==> flow/design.v <==
module my_data_mux_stage #(
    parameter DATA_WIDTH = 3,
    parameter LANES = 64,
    parameter SW = $clog2(LANES)
) (
    input  logic ck,
    input  logic nrst,
    input  logic [LANES*DATA_WIDTH-1:0] din,
    input  logic [SW-1:0] choose,
    output logic [DATA_WIDTH-1:0] dout
);
    logic [LANES*DATA_WIDTH-1:0] din_r;
    always_ff @(posedge ck or negedge nrst) begin
        if (~nrst) begin
            din_r <= 0;
        end else begin
            din_r <= din;
        end
    end
    logic [SW-1:0] choose_r;
    always_ff @(posedge ck or negedge nrst) begin
        if (~nrst) begin
            choose_r <= 0;
        end else begin
            choose_r <= choose;
        end
    end
    wire [DATA_WIDTH-1:0] node [1:2*LANES-1];
    generate
        for (genvar g = 0; g < LANES; g++) begin : blk
            assign node[LANES+g] = din_r[g*DATA_WIDTH +: DATA_WIDTH];
        end
        for (genvar g = 1; g < LANES; g++) begin : g_bit
            assign node[g] = choose_r[SW - $clog2(g+1)] ? node[2*g+1] : node[2*g];
        end
    endgenerate
    assign dout = node[1];
endmodule
# Step by step through the tools: my_data_mux_stage
# Tool output for the design above, in the order of the flow.
# Line numbers count from 1 in the design file above.
# Operators: Yosys type, input widths -> output width; for muxes data width and select width s.
# Cell names lack the library's common part.
# The mark -- stands for no value.
[inputs]
top_module = "my_data_mux_stage"
clock_port = "ck"
cell_library = "sky130hd"
pvt_corner = "tt_025C_1v80"

# After elaboration
# Source: Yosys, flattened and elaborated. Widths are those after wreduce; folded enables and synchronous resets count as part of the registers. Registers that Yosys merges into a memory's read port (data or address) are not register bits. Print and check cells do not count. Equal cells are merged and count once.
[op_classes]
mux = 63
[op_table]
columns = ["cell", "count"]
rows = [
  ["$mux 3", 63],
]
[bits]
reg_bits = 198
word_cells = 65
out_inout_bits = 3
inputBits = 200

# Logic depth
# Yosys ltp: most cells in a row. Word level: on the elaborated netlist, between registers, memories and ports. Mapped: between sequential cells and ports; inverters and the memories' decode and read muxes count.
[logic_depth]
ltp_word = 6
abc_area = 0
mapped_depth = 9
ltp_nobuf = 5

# Netlist
# The flow's flattened synthesis, as Yosys stat reports it; memories are mapped. The netlist is that of the ABC_AREA named above (0 if unset); the other value can give another one.
# The area totals of this step are shown rounded.
[mapped]
seq_area_um2 = 4950
n_buf = 16
flip_flops = 198
cells = 322
area_um2 = 6580
[by_type]
columns = ["type", "count", "type_area_um2"]
rows = [
  ["dfrtp_1", 198, 4.95E+03],
  ["mux4_2", 37, 833.299],
  ["mux4_1", 10, 262.752],
  ["mux2i_1", 10, 100.096],
  ["nand2b_1", 6, 37.536],
  ["buf_2", 7, 35.034],
  ["o221ai_1", 4, 35.034],
  ["nor2b_1", 5, 31.28],
  ["o22ai_1", 5, 31.28],
  ["a211oi_1", 3, 22.522],
  ["buf_6", 2, 22.522],
  ["a21oi_1", 4, 20.019],
  ["buf_12", 1, 20.019],
  ["nand3_1", 4, 20.019],
  ["o41ai_1", 2, 17.517],
  ["buf_4", 2, 15.014],
  ["nand2_1", 4, 15.014],
  ["o21a_1", 2, 15.014],
]
# Not listed: further types 13, cells in them 16.

# Timing after synthesis
# Source: OpenSTA report_checks on the synthesized netlist (no wires, ideal clock, input and output delay 20% of the period each), path of least setup slack; recovery checks are left aside. Register names are those of the netlist, which keeps one name where synthesis merged equal registers.
[synth_timing]
path_type = "register -> output"
from = "reg (name not given)"
to = "out dout[0]"
period_ps = 2770
required_ps = 2216
delay_ps = 1772
slack_ps = 444
path_buffers = 2
launch_ps = 0
arrival_ps = 1772
output_delay_ps = 554
driving_pins = 7
period_less_setup_slack_ps = 2326
# "delay_ps" is the arrival time less input delay plus setup time.
# At an output port there is no setup time.
# "driving_pins": output pins that drive a net of the path, with the launching flip-flop's if there is one; two outputs of one cell count as two.
# "period_less_setup_slack_ps" = period - worst setup slack (recovery checks aside). The figure is calculated, with input and output delays left at 20% of the set period.
# Between the ends stands the longest chain of elaborated cells between them, by number of cells; it is not shown to be the way that was timed. Of several equally long chains one is given.
# A line is the first line of the expression or statement that the cell stems from. Yosys adds cells for indexed reads and writes and turns some case tables into memories.
[synth_via]
path_cell_list = "dfrtp_1 > buf_6 > buf_12 > mux4_2 > mux4_2 > o21ai_1 > o41ai_1"
elab_chain_cells = 6
cone_cells = 63
cone_lines = 1
classes_between = "mux: 63"
[synth_lines]
columns = ["item", "line_no", "text"]
rows = [
  ["start, declared", 20, ""],
  ["start, assigned", 23, ""],
  ["start, assigned", 25, ""],
  ["$mux 3 (6 in a row)", 34, ""],
  ["end, declared", 10, "output logic [DATA_WIDTH-1:0] dout"],
]

# Worst path after layout
# Path of least setup slack in the final report of run 1 (OpenROAD, finished layout, wires in). Where an end is a register, its clock arrival counts in the times.
# The path's times are printed in steps of 10 ps; the period is the one set.
[layout_timing]
path_type = "register -> output"
from = "reg (name not given)"
to = "out dout[0]"
slack_ps = -270
arrival_ps = 2490
period_ps = 2770
driving_pins = 8
output_delay_ps = 550
path_buffers = 3
launch_ps = 420
required_ps = 2220
# Between the ends stands the longest chain of elaborated cells between them, by number of cells; it is not shown to be the way that was timed. Of several equally long chains one is given.
[layout_via]
path_cell_list = "dfrtp_2 > buf_12 > buf_6 > mux4_2 > mux4_2 > o21ai_2 > o41ai_2 > buf_2"
elab_chain_cells = 6
cone_cells = 63
cone_lines = 1
classes_between = "mux: 63"
[layout_lines]
columns = ["item", "line_no", "text"]
rows = [
  ["start, declared", 20, ""],
  ["start, assigned", 23, ""],
  ["start, assigned", 25, ""],
  ["$mux 3 (6 in a row)", 34, ""],
  ["end, declared", 10, "output logic [DATA_WIDTH-1:0] dout"],
]

# Flow measurements of my_data_mux_stage on sky130hd: 2 stored runs with different settings, listed in no order. Input and output delays are each 20% of the period that was set; the output load is 0.01 pF.
# "clock_period_reached_ps" means the clock period less the worst setup slack. The figure is calculated, with input and output delays left at 20% of the set period.
# "worst_setup_path_time_ps" = time allowed to the worst setup path (clock period - input delay - output delay, where it has them) - its slack; a late launch clock adds to it, a late capture clock takes from it.
# "power.total_mw" rests on the timing tool's default activity at the inputs, not on a simulated workload.
# "worst_setup_path_time_ps" is known to 10 ps.
# The measured numbers are rounded.

[[run]]
name = "run 1"
[run.settings]
period_ns = 2.77
CAP_MARGIN = 20
CORE_MARGIN = 2
CORE_UTILIZATION = 40
SLEW_MARGIN = 20
[run.results]
setup_tns_ps = -637
post_route_util_frac = 0.615
finish.stdcell_area_um2 = 9830
power.total_mw = 6.26
worst_setup_path_time_ps = 2490
path_kind = "register -> output"
ws_setup_ps = -275
yosys.chip_area_um2 = 6580
final_die_area_um2 = 17500
clock_period_reached_ps = 3045

[[run]]
name = "run 2"
[run.settings]
period_ns = 4.03
CORE_UTILIZATION = 60
ABC_AREA = 0
CTS_CLUSTER_DIAMETER = 74
SLEW_MARGIN = 5
CAP_MARGIN = 20
CORE_MARGIN = 2
[run.results]
setup_tns_ps = 0
post_route_util_frac = 0.87
finish.stdcell_area_um2 = 9390
power.total_mw = 4.36
worst_setup_path_time_ps = 3080
path_kind = "register -> output"
ws_setup_ps = 149
yosys.chip_area_um2 = 6580
final_die_area_um2 = 11800
clock_period_reached_ps = 3881
